==> flow/design.v <==
module chooser_n #(
    parameter DW = 12,
    parameter COUNT = 24,
    parameter SW = $clog2(COUNT)
) (
    input wire aclk,
    input wire resetn,
    input wire [COUNT*DW-1:0] i_data,
    input wire [SW-1:0] i_pick,
    output reg [DW-1:0] o_q
);
    reg [COUNT*DW-1:0] data_s;
    reg [SW-1:0] pick_s;
    always @(posedge aclk or negedge resetn) begin
        if (~resetn) begin
            data_s <= 0;
            pick_s <= 0;
        end else begin
            data_s <= i_data;
            pick_s <= i_pick;
        end
    end
    reg [DW-1:0] t;
    integer k;
    always @(*) begin
        t = 0;
        for (k = 0; k < COUNT; k = k + 1)
            if (pick_s == k) t = data_s[k*DW +: DW];
    end
    always @(posedge aclk or negedge resetn) begin
        if (~resetn) begin
            o_q <= 0;
        end else begin
            o_q <= t;
        end
    end
endmodule
== Tool chain data of chooser_n ==
What the tools print for chooser_n, step after step.
Line numbers count from 1 in the design file above.
Not given: n/a

* Top: chooser_n
* Clock input: aclk
* Standard-cell library: sky130hd
* Corner: tt_025C_1v80

== Word-level counts ==
Source: Yosys, flattened and elaborated, memories not mapped. Widths are those after wreduce; folded enables and synchronous resets count as part of the registers. Registers that Yosys merges into a memory's read port (data or address) are not register bits. Print and check cells do not count. Equal cells are merged and count once.

* Bits in registers: 305
* Output and inout port bits: 12

* Equality and inequality tests: 23
* Mux-type cells: 24
* Reduce/logical cells: 1

{| class="wikitable"
|+ Operator list
! cell !! number
|-
| 12-bit 2-to-1 mux || 24
|-
| 5-bit by 4-bit == test with 1-bit output with constant B || 8
|-
| 5-bit == test with constant B || 8
|-
| 5-bit by 3-bit == test with 1-bit output with constant B || 4
|-
| 5-bit by 2-bit == test with 1-bit output with constant B || 2
|-
| 5-bit by 1-bit == test with 1-bit output with constant B || 1
|-
| 5-bit zero test || 1
|}

== Longest topological paths ==
Longest topological path by Yosys (ltp), each cell counted once; first at word level (registers and memories cut), then after technology mapping (sequential cells cut; the memories' decode and read muxes count).

* Depth after elaboration: 25
* ABC_AREA: 0
* Gate-level depth with buffers: 10

== Synthesis result ==
Source: synth_stat.txt of the flow (Yosys; design flattened, memories mapped). It holds for the ABC_AREA given above (unset counts as 0); a run with the other value may have another netlist.
Totals and module areas in this step are rounded.

{| class="wikitable"
|+ Cell types
! type !! number !! area in all (um2)
|-
| sky130_fd_sc_hd__dfrtp_1 || 305 || 7632.32
|-
| sky130_fd_sc_hd__o21ai_0 || 45 || 225.216
|-
| sky130_fd_sc_hd__a21oi_1 || 43 || 215.206
|-
| sky130_fd_sc_hd__nand2_1 || 54 || 202.694
|-
| sky130_fd_sc_hd__mux4_2 || 8 || 180.173
|-
| sky130_fd_sc_hd__buf_2 || 28 || 140.134
|-
| sky130_fd_sc_hd__mux2i_1 || 14 || 140.134
|-
| sky130_fd_sc_hd__nand3_1 || 28 || 140.134
|-
| sky130_fd_sc_hd__mux2_2 || 12 || 135.13
|-
| sky130_fd_sc_hd__o22ai_1 || 21 || 131.376
|-
| sky130_fd_sc_hd__nor2_1 || 28 || 105.101
|-
| sky130_fd_sc_hd__buf_6 || 9 || 101.347
|-
| sky130_fd_sc_hd__a221oi_1 || 11 || 96.342
|-
| sky130_fd_sc_hd__a31oi_1 || 13 || 81.328
|-
| sky130_fd_sc_hd__nor2b_1 || 12 || 75.072
|-
| sky130_fd_sc_hd__a21o_1 || 9 || 67.565
|-
| sky130_fd_sc_hd__buf_4 || 9 || 67.565
|-
| sky130_fd_sc_hd__o21ai_1 || 13 || 65.062
|}

Not listed: further types 54, cells in them 154.

* Cells in the netlist: 816
* Chip area (Yosys): 11000 um2
* Flip-flop cells: 305
* Buffer cells: 53

== Worst setup path after synthesis ==
OpenSTA on the mapped netlist: ideal clock, no wires. The path of least setup slack (recovery checks aside). Input and output delay are each 20% of the period. Register names are those of the netlist, which keeps one name where synthesis merged equal registers.

* Path kind: flip-flop to flip-flop
* Start point: register pick_s[2]
* End point: register o_q[5]
* Period: 2.27 ns
* Launch time at the first pin: 0.000 ns
* Arrival time: 1.681 ns
* Data required time: 2.138 ns
* Setup slack: 0.457 ns
* Path delay: 1.813 ns
* Stages: 9
* Buffers on the path: 2
* Synthesis period reached: 1.813 ns

"path delay" is the arrival time less input delay plus setup time.
"stages" counts driving pins, that of a launching flip-flop among them; a cell with two outputs on the path counts twice.
"synthesis period reached" is the clock period less the worst setup slack; recovery checks do not enter. This is arithmetic on one report: input and output delays are still those of the set period (20% each).
Between the ends stands the longest chain of elaborated cells between them, by number of cells; it is not shown to be the way that was timed. Of several equally long chains one is given.
A line is the first line of the expression or statement that the cell stems from. Yosys adds cells for indexed reads and writes and turns some case tables into memories.

* Path through: sky130_fd_sc_hd__dfrtp_1 sky130_fd_sc_hd__buf_6 sky130_fd_sc_hd__or3b_1 sky130_fd_sc_hd__buf_2 sky130_fd_sc_hd__a211oi_2 sky130_fd_sc_hd__o22a_2 sky130_fd_sc_hd__a21oi_1 sky130_fd_sc_hd__a221oi_2 sky130_fd_sc_hd__o41ai_1
* Length of the longest elaborated chain: 25
* Elaborated cells on any way between the ends: 48
* Source lines of those cells: 1

{| class="wikitable"
|+ RTL lines, path post-synthesis
! item !! RTL line !! source
|-
| start, declared || 13 || <nowiki>reg [SW-1:0] pick_s;</nowiki>
|-
| start, assigned || 17 || <nowiki>pick_s <= 0;</nowiki>
|-
| start, assigned || 20 || <nowiki>pick_s <= i_pick;</nowiki>
|-
| 5-bit zero test || 28 || <nowiki>if (pick_s == k) t = data_s[k*DW +: DW];</nowiki>
|-
| 12-bit 2-to-1 mux (24 in a row) || 28 ||
|-
| end, assigned || 32 || <nowiki>o_q <= 0;</nowiki>
|-
| end, assigned || 34 || <nowiki>o_q <= t;</nowiki>
|-
| end, declared || 10 || <nowiki>output reg [DW-1:0] o_q</nowiki>
|}

== Path in the finished layout ==
Path of least setup slack in the final report of record 1 (OpenROAD, finished layout, wires in). Where an end is a register, its clock arrival counts in the times.

* Path kind: flip-flop to flip-flop
* Start point: register pick_s[0]
* End point: register o_q[3]
* Period: 2.27 ns
* Launch time at the first pin: 0.50 ns
* Arrival time: 2.57 ns
* Data required time: 2.63 ns
* Setup slack: 0.06 ns
* Stages: 10
* Buffers on the path: 3

Between the ends stands the longest chain of elaborated cells between them, by number of cells; it is not shown to be the way that was timed. Of several equally long chains one is given.

* Path through: sky130_fd_sc_hd__dfrtp_4 sky130_fd_sc_hd__nor3b_2 sky130_fd_sc_hd__buf_4 sky130_fd_sc_hd__buf_4 sky130_fd_sc_hd__nand2_1 sky130_fd_sc_hd__o22ai_2 sky130_fd_sc_hd__buf_4 sky130_fd_sc_hd__nor2_1 sky130_fd_sc_hd__o21ai_1 sky130_fd_sc_hd__a22oi_1
* Length of the longest elaborated chain: 25
* Elaborated cells on any way between the ends: 48
* Source lines of those cells: 1

{| class="wikitable"
|+ RTL lines, path after layout
! item !! RTL line !! source
|-
| start, declared || 13 || <nowiki>reg [SW-1:0] pick_s;</nowiki>
|-
| start, assigned || 17 || <nowiki>pick_s <= 0;</nowiki>
|-
| start, assigned || 20 || <nowiki>pick_s <= i_pick;</nowiki>
|-
| 5-bit zero test || 28 || <nowiki>if (pick_s == k) t = data_s[k*DW +: DW];</nowiki>
|-
| 12-bit 2-to-1 mux (24 in a row) || 28 ||
|-
| end, assigned || 32 || <nowiki>o_q <= 0;</nowiki>
|-
| end, assigned || 34 || <nowiki>o_q <= t;</nowiki>
|-
| end, declared || 10 || <nowiki>output reg [DW-1:0] o_q</nowiki>
|}

Top module chooser_n; platform sky130hd; tools Yosys and OpenROAD; 3 stored runs in no particular order. Input and output delays are each 20% of the period that was set; the output load is 0.01 pF.
By "achieved clock period" is meant the clock period of the run minus its worst setup slack. This is arithmetic on one report: input and output delays are still those of the set period (20% each).
"worst path time": the worst setup path's part of the clock period (all of it between registers, 20% less for each end at a port) less its slack. A launch clock that arrives late makes it longer, a capture clock that arrives late makes it shorter.
By "total power of the final layout" is meant OpenSTA's value without simulated activity: inputs other than the clock are taken to toggle once in ten clock periods, and the tool carries that through the logic.
The results are shown rounded.

=== Record 1 ===
{| class="wikitable"
! Setting !! Value
|-
| period_ns || 2.27
|-
| CAP_MARGIN || 20
|-
| CORE_MARGIN || 2
|-
| CORE_UTILIZATION || 40
|-
| SLEW_MARGIN || 20
|-
! Result !! Value
|-
| Standard-cell area after layout || 16300 um2
|-
| Setup slack of the worst path || 0.063 ns
|-
| Chip area after synthesis (Yosys) || 11000 um2
|-
| Worst path time || 2.21 ns
|-
| Kind of the worst setup path || flip-flop to flip-flop
|-
| Total power of the final layout || 13100 µW
|-
| Achieved clock period || 2.207 ns
|-
| Area of the die || 28900 um2
|-
| Total negative slack on setup checks || 0.000 ns
|-
| Utilization after routing || 60.4%
|}

=== Record 2 ===
{| class="wikitable"
! Setting !! Value
|-
| period_ns || 2.12
|-
| CORE_UTILIZATION || 37
|-
| SETUP_SLACK_MARGIN || 0.04
|-
| CELL_PAD_IN_SITES_DETAIL_PLACEMENT || 0
|-
| ABC_AREA || 1
|-
| GPL_TIMING_DRIVEN || 0
|-
| GPL_ROUTABILITY_DRIVEN || 0
|-
| CTS_CLUSTER_SIZE || 22
|-
| CTS_CLUSTER_DIAMETER || 236
|-
| SLEW_MARGIN || 0
|-
| MAX_ROUTING_LAYER || met5
|-
| CAP_MARGIN || 20
|-
| CORE_MARGIN || 2
|-
! Result !! Value
|-
| Standard-cell area after layout || 14900 um2
|-
| Setup slack of the worst path || -0.261 ns
|-
| Chip area after synthesis (Yosys) || 10300 um2
|-
| Worst path time || 2.38 ns
|-
| Kind of the worst setup path || flip-flop to flip-flop
|-
| Total power of the final layout || 10700 µW
|-
| Achieved clock period || 2.381 ns
|-
| Area of the die || 29100 um2
|-
| Total negative slack on setup checks || -1.91 ns
|-
| Utilization after routing || 55.0%
|}

=== Record 3 ===
{| class="wikitable"
! Setting !! Value
|-
| period_ns || 3.37
|-
| CORE_UTILIZATION || 58
|-
| SETUP_SLACK_MARGIN || 0.09
|-
| PLACE_DENSITY_LB_ADDON || 0.27
|-
| CORE_ASPECT_RATIO || 0.66
|-
| CORE_MARGIN || 9
|-
| CELL_PAD_IN_SITES_DETAIL_PLACEMENT || 0
|-
| TNS_END_PERCENT || 20
|-
| CAP_MARGIN || 40
|-
| MIN_ROUTING_LAYER || met1
|-
| SLEW_MARGIN || 20
|-
! Result !! Value
|-
| Standard-cell area after layout || 15200 um2
|-
| Setup slack of the worst path || 0.626 ns
|-
| Chip area after synthesis (Yosys) || 11000 um2
|-
| Worst path time || 2.74 ns
|-
| Kind of the worst setup path || flip-flop to flip-flop
|-
| Total power of the final layout || 8170 µW
|-
| Achieved clock period || 2.744 ns
|-
| Area of the die || 24400 um2
|-
| Total negative slack on setup checks || 0.000 ns
|-
| Utilization after routing || 82.5%
|}
